==> flow/design.v <==
module add_core #(
  parameter W = 28,
  parameter N = 3,
  parameter OUT_W = W + $clog2(N)
) (
  input  wire CLK,
  input  wire RST,
  input  wire enable,
  input  wire [N*W-1:0] d,
  output wire [OUT_W-1:0] s
);
  wire [OUT_W-1:0] lvl [1:2*N-1];
  genvar k;
  generate
    for (k = 0; k < N; k = k + 1) begin : u_g
      assign lvl[N+k] = d[k*W +: W];
    end
    for (k = 1; k < N; k = k + 1) begin : lane
      assign lvl[k] = lvl[2*k] + lvl[2*k+1];
    end
  endgenerate
  reg [OUT_W-1:0] s_q;
  always @(posedge CLK or posedge RST) begin
    if (RST) begin
      s_q <= 0;
    end else if (enable) begin
      s_q <= lvl[1];
    end
  end
  assign s = s_q;
endmodule
* From RTL to reports: add_core
Tool output for the design above, in the order of the flow.
Line numbers count from 1 in the design file above.
Cell names lack the library's common part.
Not given: -
- Top module :: add_core
- Clock :: CLK
- Cell library :: sky130hd
- Timing corner :: tt_025C_1v80

* Word-level counts
Counts by Yosys on the flattened word-level netlist (proc, flatten, opt, wreduce; memories kept). Register bits leave out memories and registers merged into their read ports (data or address); mux counts leave out enables and synchronous resets folded into registers. Print and check cells are left out. Cells with the same type and inputs are merged into one.
- Register bits :: 30
- Bits of input ports :: 87
- Output and inout bits :: 30
- Word-level cells :: 3
- Add/subtract/negate cells :: 2
** Operators by type and width (number)
- adder 30 x 28 -> 30 bit :: 1
- adder 28 x 28 -> 29 bit :: 1

* Longest topological paths
Depth = most cells in a row (Yosys ltp): at word level without a register or memory, in the mapped netlist without a sequential cell, where the memories' decode and read muxes count.
- Depth in word-level cells :: 2
- ABC_AREA :: 0
- Mapped depth :: 22
- Mapped depth without buffers :: 22

* Netlist
Source: synth_stat.txt of the flow (Yosys; design flattened, memories mapped). It holds for the ABC_AREA given above (unset counts as 0); a run with the other value may have another netlist.
The area totals of this step are shown rounded.
- Cells in the netlist :: 456
- Chip area (Yosys) :: 3871 um^2
- Sequential area :: 750.7 um^2
- Mapped flip-flops :: 30
- Buffer cells :: 7
** Cells by type (number)
- dfrtp_1 :: 30
- ha_1 :: 59
- xnor2_1 :: 35
- mux2_2 :: 23
- a21oi_1 :: 51
- a21o_1 :: 26
- nor2_1 :: 34
- o21ai_0 :: 25
- nand2_1 :: 30
- xor2_1 :: 12
- inv_1 :: 26
- o21a_1 :: 9
- o21bai_1 :: 8
- nand4_1 :: 8
- nor3_1 :: 10
- fa_1 :: 2
- a211oi_1 :: 5
- nand3_1 :: 7
Other cell types: 35; their cells: 56.

* Worst setup path after synthesis
OpenSTA on the mapped netlist: ideal clock, no wires. The path of least setup slack (recovery checks aside). Input and output delay are each 20% of the period. Register names are those of the netlist, which keeps one name where synthesis merged equal registers.
- Kind :: input -> register
- Start :: in d[29]
- End :: reg s_q[29]
- Period :: 6310 ps
- Input delay :: 1262 ps
- Setup time :: 124 ps
- Launch time at the first pin :: 1262 ps
- Arrival time :: 5175 ps
- Setup slack :: 1011 ps
- Delay of the path :: 4037 ps
- Stages on the path :: 17
- Buffers on the path :: 0
- Period reached after synthesis :: 5299 ps
"delay of the path" = arrival - input delay + setup time.
"stages on the path": output pins that drive a net of the path, with the launching flip-flop's if there is one; two outputs of one cell count as two.
"period reached after synthesis" is the clock period less the worst setup slack; recovery checks do not enter. This is arithmetic on one report: input and output delays are still those of the set period (20% each).
Between the ends stands the longest chain of elaborated cells between them, by number of cells; it is not shown to be the way that was timed. Of several equally long chains one is given.
A line is the first line of the expression or statement that the cell stems from. Yosys adds cells for indexed reads and writes and turns some case tables into memories.
- Cells stage by stage :: ha_1 a21o_1 a21oi_1 o21bai_1 nand4_1 a31o_2 o211a_1 a2111oi_0 nor4_1 a311o_1 ha_1 a211o_1 o32ai_1 a31oi_1 a2111oi_0 nor4_1 a211o_1
- Cells in the longest elaborated chain :: 2
- Elaborated cells between the ends (all ways) :: 2
** RTL lines, path post-synthesis
- start: declaration :: RTL line 9 : input  wire [N*W-1:0] d,
- adder 28 x 28 -> 29 bit :: RTL line 19 : assign lvl[k] = lvl[2*k] + lvl[2*k+1];
- adder 30 x 28 -> 30 bit :: RTL line 19
- end: assignment :: RTL line 25 : s_q <= 0;
- end: assignment :: RTL line 27 : s_q <= lvl[1];
- end: declaration :: RTL line 22 : reg [OUT_W-1:0] s_q;

* Path in the finished layout
From the final timing report of stored run 2: the path of least setup slack in the routed layout; clock arrival at registers is part of the times.
The path's times are printed in steps of 10 ps; the period is the one set.
- Kind :: input -> register
- Start :: in d[28]
- End :: reg s_q[29]
- Period :: 6310 ps
- Input delay :: 1260 ps
- Setup time :: 110 ps
- Launch time at the first pin :: 1260 ps
- Arrival time :: 6160 ps
- Setup slack :: 310 ps
- Stages on the path :: 21
- Buffers on the path :: 2
Between the ends stands the longest chain of elaborated cells between them, by number of cells; it is not shown to be the way that was timed. Of several equally long chains one is given.
- Cells stage by stage :: clkdlybuf4s50_1 ha_1 inv_1 fa_1 nor2b_4 o31a_1 o21ai_0 nand2_1 a21o_1 nand4_1 nand2_1 a2111oi_1 xnor2_1 ha_1 a211o_1 o32ai_1 a31oi_1 a2111oi_0 buf_4 nor4_1 a211o_1
- Cells in the longest elaborated chain :: 2
- Elaborated cells between the ends (all ways) :: 2
** RTL lines, path post-layout
- start: declaration :: RTL line 9 : input  wire [N*W-1:0] d,
- adder 28 x 28 -> 29 bit :: RTL line 19 : assign lvl[k] = lvl[2*k] + lvl[2*k+1];
- adder 30 x 28 -> 30 bit :: RTL line 19
- end: assignment :: RTL line 25 : s_q <= 0;
- end: assignment :: RTL line 27 : s_q <= lvl[1];
- end: declaration :: RTL line 22 : reg [OUT_W-1:0] s_q;

Stored flow runs of add_core (3 of them; Yosys, OpenROAD, sky130hd). They differ in their settings and are not a sequence. Constraints: input delay and output delay 20% of the set period each, output load 0.01 pF.
Results are given in rounded form.

* Stored run 1
** Files
==> flow/run.sh <==
#!/bin/bash
# the make line also repeats the synthesis and layout settings of config.mk as NAME=value (left out here)
make -C /OpenROAD-flow-scripts/flow DESIGN_CONFIG=/design/flow/config.mk WORK_HOME=/design/flow/orfs CLKGATE_MAP_FILE= finish
==> flow/config.mk <==
export PLATFORM = sky130hd
export DESIGN_NAME = add_core
export DESIGN_NICKNAME = add_core
export VERILOG_FILES = /design/flow/design.v
export SDC_FILE = /design/flow/constraint.sdc
export NUM_CORES = 4
export LEC_CHECK = 0
export CAP_MARGIN = 20
export CELL_PAD_IN_SITES_GLOBAL_PLACEMENT = 1
export CORE_MARGIN = 2
export CORE_UTILIZATION = 59
export CTS_CLUSTER_DIAMETER = 58
export GPL_TIMING_DRIVEN = 0
export MIN_ROUTING_LAYER = met2
export PLACE_DENSITY_LB_ADDON = 0.05
export SLEW_MARGIN = 20
export TNS_END_PERCENT = 55
==> flow/constraint.sdc <==
create_clock -name core_clock -period 6.65 [get_ports {CLK}]
set_input_delay 1.3300 -clock core_clock [delete_from_list [all_inputs] [get_ports {CLK}]]
set_output_delay 1.3300 -clock core_clock [all_outputs]
set_load 0.01 [all_outputs]
** Results
Stopped before the end: placement reported FLW-0024.

* Stored run 2
** Files
==> flow/run.sh <==
#!/bin/bash
# the make line also repeats the synthesis and layout settings of config.mk as NAME=value (left out here)
make -C /OpenROAD-flow-scripts/flow DESIGN_CONFIG=/design/flow/config.mk WORK_HOME=/design/flow/orfs CLKGATE_MAP_FILE= finish
==> flow/config.mk <==
export PLATFORM = sky130hd
export DESIGN_NAME = add_core
export DESIGN_NICKNAME = add_core
export VERILOG_FILES = /design/flow/design.v
export SDC_FILE = /design/flow/constraint.sdc
export NUM_CORES = 4
export LEC_CHECK = 0
export CAP_MARGIN = 20
export CORE_MARGIN = 2
export CORE_UTILIZATION = 40
export SLEW_MARGIN = 20
==> flow/constraint.sdc <==
create_clock -name core_clock -period 6.31 [get_ports {CLK}]
set_input_delay 1.2620 -clock core_clock [delete_from_list [all_inputs] [get_ports {CLK}]]
set_output_delay 1.2620 -clock core_clock [all_outputs]
set_load 0.01 [all_outputs]
** Results
- Worst-case hold slack :: 498 ps
- Worst setup slack after layout :: 314 ps
- Area of the die :: 10480 um^2
- Setup TNS :: 0 ps
- Post-layout utilization :: 0.568
- Mapped cell area after synthesis :: 3871 um^2

* Stored run 3
** Files
==> flow/run.sh <==
#!/bin/bash
# the make line also repeats the synthesis and layout settings of config.mk as NAME=value (left out here)
make -C /OpenROAD-flow-scripts/flow DESIGN_CONFIG=/design/flow/config.mk WORK_HOME=/design/flow/orfs CLKGATE_MAP_FILE= finish
==> flow/config.mk <==
export PLATFORM = sky130hd
export DESIGN_NAME = add_core
export DESIGN_NICKNAME = add_core
export VERILOG_FILES = /design/flow/design.v
export SDC_FILE = /design/flow/constraint.sdc
export NUM_CORES = 4
export LEC_CHECK = 0
export ABC_AREA = 1
export CAP_MARGIN = 20
export CORE_ASPECT_RATIO = 0.97
export CORE_MARGIN = 2
export CORE_UTILIZATION = 59
export CTS_CLUSTER_DIAMETER = 261
export GPL_ROUTABILITY_DRIVEN = 0
export GPL_TIMING_DRIVEN = 1
export PLACE_DENSITY_LB_ADDON = 0.25
export SLEW_MARGIN = 20
==> flow/constraint.sdc <==
create_clock -name core_clock -period 3.06 [get_ports {CLK}]
set_input_delay 0.6120 -clock core_clock [delete_from_list [all_inputs] [get_ports {CLK}]]
set_output_delay 0.6120 -clock core_clock [all_outputs]
set_load 0.01 [all_outputs]
** Results
Stopped before the end: clock tree synthesis reported DPL-0038.
